==> flow/design.v <==
module registers #(
  parameter integer NWORDS = 64,
  parameter integer WIDTH = 2,
  parameter integer RP = 8,
  parameter integer IDX_W = $clog2(NWORDS)
) (
  input logic i_clk,
  input logic rst_ni,
  input logic wr,
  input logic [IDX_W-1:0] waddr,
  input logic [WIDTH-1:0] din,
  input logic [RP*IDX_W-1:0] ra,
  output logic [RP*WIDTH-1:0] rdata
);
  logic wr_reg;
  logic [IDX_W-1:0] waddr_reg;
  logic [WIDTH-1:0] din_reg;
  always_ff @(posedge i_clk or negedge rst_ni) begin
    if (~rst_ni) begin
      wr_reg <= 1'b0;
      waddr_reg <= 0;
      din_reg <= 0;
    end else begin
      wr_reg <= wr;
      waddr_reg <= waddr;
      din_reg <= din;
    end
  end
  logic [WIDTH-1:0] rf [0:NWORDS-1];
  always_ff @(posedge i_clk) begin
    if (wr_reg)
      rf[waddr_reg] <= din_reg;
  end
  logic [RP*IDX_W-1:0] ra_reg;
  always_ff @(posedge i_clk or negedge rst_ni) begin
    if (~rst_ni) begin
      ra_reg <= 0;
    end else begin
      ra_reg <= ra;
    end
  end
  logic [RP*WIDTH-1:0] t;
  generate
    for (genvar gj = 0; gj < RP; gj++) begin : slice
      assign t[gj*WIDTH +: WIDTH] = rf[ra_reg[gj*IDX_W +: IDX_W]];
    end
  endgenerate
  always_ff @(posedge i_clk or negedge rst_ni) begin
    if (~rst_ni) begin
      rdata <= 0;
    end else begin
      rdata <= t;
    end
  end
endmodule
[Reports on registers]
The steps from the RTL of registers to its reports follow in flow order.
Lines are those of the file above, counted from 1.
Operators: Yosys type, input widths -> output width; for muxes data width and select width s.
A cell with - has no value.
Inputs
  design top: registers
  clock port: i_clk
  standard-cell library: sky130hd
  corner: tt_025C_1v80

[After elaboration]
Source: Yosys, flattened and elaborated, memories not mapped. Widths are those after wreduce; folded enables and synchronous resets count as part of the registers. Registers that Yosys merges into a memory's read port (data or address) are not register bits. Print and check cells do not count.
Memory sizes are those after Yosys's memory passes, which may raise the word count (mostly to a power of two), join words into wider ones and drop unused or constant bits.
Bit counts
  output and inout port bits: 16
  RAM bits: 128
  memory cells: 1
  register bits: 57
  bits in latches: 0
  ROM bits: 0
  clocked read ports x word width: 16
Cells by class
  multiply operators: 0
  $add $sub $neg: 0
  magnitude comparators: 0
  bitwise operators: 0
  div/mod/pow operators: 0
  equal/unequal tests: 0
  shifts and indexed selects: 0
  muxes and demuxes: 3
  reduce/logical cells: 8
Memories
  rf: words 64, width 2, read ports 8, write ports 1, RTL line 29  | logic [WIDTH-1:0] rf [0:NWORDS-1];
Operator list (number)
  $logic_not 1->1: 8
  $mux 6: 1
  $mux 2: 1
  $mux 1: 1

[Depth]
Longest topological path by Yosys (ltp), each cell counted once; first at word level (registers and memories cut), then after technology mapping (sequential cells cut; the memories' decode and read muxes count).
Logic depth
  depth after elaboration: 1
  ABC_AREA: 0
  mapped depth: 8

[Netlist]
Source: synth_stat.txt of the flow (Yosys; design flattened, memories mapped). It holds for the ABC_AREA given above (unset counts as 0); a run with the other value may have another netlist.
Cell types
  sky130_fd_sc_hd__mux4_2: number 209, total area 4.71E+03 sq um
  sky130_fd_sc_hd__edfxtp_1: number 128, total area 3.84E+03 sq um
  sky130_fd_sc_hd__dfrtp_1: number 73, total area 1.83E+03 sq um
  sky130_fd_sc_hd__mux4_1: number 36, total area 945.907 sq um
  sky130_fd_sc_hd__mux2i_1: number 44, total area 440.422 sq um
  sky130_fd_sc_hd__nor2_1: number 87, total area 326.563 sq um
  sky130_fd_sc_hd__a22oi_1: number 25, total area 187.68 sq um
  sky130_fd_sc_hd__nor2b_1: number 30, total area 187.68 sq um
  sky130_fd_sc_hd__nand3_1: number 32, total area 160.154 sq um
  sky130_fd_sc_hd__mux2_2: number 14, total area 157.651 sq um
  sky130_fd_sc_hd__buf_2: number 29, total area 145.139 sq um
  sky130_fd_sc_hd__nand2_1: number 35, total area 131.376 sq um
  sky130_fd_sc_hd__clkbuf_1: number 30, total area 112.608 sq um
  sky130_fd_sc_hd__a31oi_1: number 17, total area 106.352 sq um
  sky130_fd_sc_hd__a22o_1: number 12, total area 105.101 sq um
  sky130_fd_sc_hd__nand3b_1: number 14, total area 105.101 sq um
  sky130_fd_sc_hd__buf_6: number 9, total area 101.347 sq um
  sky130_fd_sc_hd__o21ai_0: number 20, total area 100.096 sq um
Other cell types: 39; their cells: 154.
Synthesis totals
  mapped flip-flops: 201
  standard cells after synthesis: 998
  cell area after synthesis: 14823.0 sq um

[Worst setup path after synthesis]
Source: OpenSTA report_checks on the synthesized netlist (no wires, ideal clock, input and output delay 20% of the period each), path of least setup slack; recovery checks are left aside. Register names are those of the netlist, which keeps one name where synthesis merged equal registers.
Timing path after synthesis
  path kind: flip-flop to flip-flop
  from: register ra_reg[30]
  to: register rdata[10]
  delay of the path: 1917 ps
  library setup time: 146 ps
  buffers on the path: 2
  period: 2400 ps
  time at the first pin: 0 ps
  driving pins on the path: 8
  required time: 2254 ps
  arrival: 1771 ps
  setup slack: 483 ps
  synthesis period reached: 1917 ps
"delay of the path" is the arrival time less input delay plus setup time.
"driving pins on the path": output pins that drive a net of the path, with the launching flip-flop's if there is one; two outputs of one cell count as two.
"synthesis period reached" = period - worst setup slack (recovery checks aside). The figure is calculated, with input and output delays left at 20% of the set period.
On the way, after synthesis
  cells stage by stage: sky130_fd_sc_hd__dfrtp_1 > sky130_fd_sc_hd__buf_2 > sky130_fd_sc_hd__buf_6 > sky130_fd_sc_hd__mux4_2 > sky130_fd_sc_hd__a22oi_1 > sky130_fd_sc_hd__nand3_1 > sky130_fd_sc_hd__a221oi_1 > sky130_fd_sc_hd__a311oi_1
Ends and longest elaborated chain, after synthesis
  from (decl): RTL line 34  | logic [RP*IDX_W-1:0] ra_reg;
  from (assign): RTL line 37  | ra_reg <= 0;
  from (assign): RTL line 39  | ra_reg <= ra;
  to (decl): RTL line 13  | output logic [RP*WIDTH-1:0] rdata
No chain of elaborated cells between the ends is given.

[Worst path after layout]
From the final timing report of stored run 1: the path of least setup slack in the routed layout; clock arrival at registers is part of the times.
The report prints the path's times to 10 ps; the period is as set.
Timing path after layout
  path kind: flip-flop to flip-flop
  from: register ra_reg[0]
  to: register rdata[0]
  time at the first pin: 540 ps
  required time: 1950 ps
  library setup time: 110 ps
  arrival: 2520 ps
  setup slack: -570 ps
  driving pins on the path: 6
  period: 1530 ps
  buffers on the path: 1
On the way, after layout
  cells stage by stage: sky130_fd_sc_hd__dfrtp_2 > sky130_fd_sc_hd__buf_4 > sky130_fd_sc_hd__mux4_2 > sky130_fd_sc_hd__a2111oi_4 > sky130_fd_sc_hd__nor3_2 > sky130_fd_sc_hd__a22o_1
Ends and longest elaborated chain, after layout
  from (decl): RTL line 34  | logic [RP*IDX_W-1:0] ra_reg;
  from (assign): RTL line 37  | ra_reg <= 0;
  from (assign): RTL line 39  | ra_reg <= ra;
  to (decl): RTL line 13  | output logic [RP*WIDTH-1:0] rdata
No chain of elaborated cells between the ends is given.

==> runs of registers <==
Below are 3 stored runs of the flow (Yosys, OpenROAD; platform sky130hd) on registers, each with its settings and what was measured, unordered. Constraints: input delay and output delay 20% of the set period each, output load 0.01 pF.
By "achieved clock period" is meant the clock period of the run minus its worst setup slack. This is arithmetic on one report: input and output delays are still those of the set period (20% each).
By "worst path time" is meant the share of the clock period that the worst setup path is allowed (20% is reserved at inputs, 20% at outputs), minus its slack. Clock arrival times at its registers enter into it.
"total power after layout" is the tool's figure for a default switching activity; nothing was simulated.
"worst path time" is given in steps of 10 ps.

==> stored run 1: settings <==
{ "period_ns": 1.53, "CORE_UTILIZATION": 44, "SETUP_SLACK_MARGIN": 0.14, "PLACE_DENSITY": 0.51, "HOLD_SLACK_MARGIN": -0.01, "CELL_PAD_IN_SITES_GLOBAL_PLACEMENT": 0, "GPL_ROUTABILITY_DRIVEN": 1, "CTS_CLUSTER_SIZE": 62, "CAP_MARGIN": 25, "SLEW_MARGIN": 25, "MIN_ROUTING_LAYER": "met1", "CORE_MARGIN": 2 }
==> stored run 1: results <==
worst-case hold slack: 193 ps
achieved clock period: 2,102 ps
worst path time: 2,100 ps
worst setup path type: flip-flop to flip-flop
standard-cell area after layout: 20,474.6 sq um
chip area in the Yosys report: 14,823.0 sq um
smallest setup slack: -572 ps
total power after layout: 15,154 uW
full die area: 35,173.1 sq um

==> stored run 2: settings <==
{ "period_ns": 2.4, "CAP_MARGIN": 20, "CORE_MARGIN": 2, "CORE_UTILIZATION": 40, "SLEW_MARGIN": 20 }
==> stored run 2: results <==
chip area in the Yosys report: 14,823.0 sq um
achieved clock period: 2,252 ps
worst path time: 2,250 ps
worst setup path type: flip-flop to flip-flop
worst-case hold slack: 363 ps
full die area: 38,614.2 sq um
smallest setup slack: 148 ps
standard-cell area after layout: 17,355.4 sq um
total power after layout: 9,570 uW

==> stored run 3: settings <==
{ "period_ns": 1.17, "CORE_UTILIZATION": 68, "SETUP_SLACK_MARGIN": 0.14, "PLACE_DENSITY_LB_ADDON": 0.15, "CORE_ASPECT_RATIO": 0.94, "CORE_MARGIN": 4, "GPL_TIMING_DRIVEN": 1, "CAP_MARGIN": 40, "MIN_ROUTING_LAYER": "met2", "MAX_ROUTING_LAYER": "met5", "SLEW_MARGIN": 20 }
==> stored run 3: results <==
not finished: clock tree synthesis ended with error DPL-0033
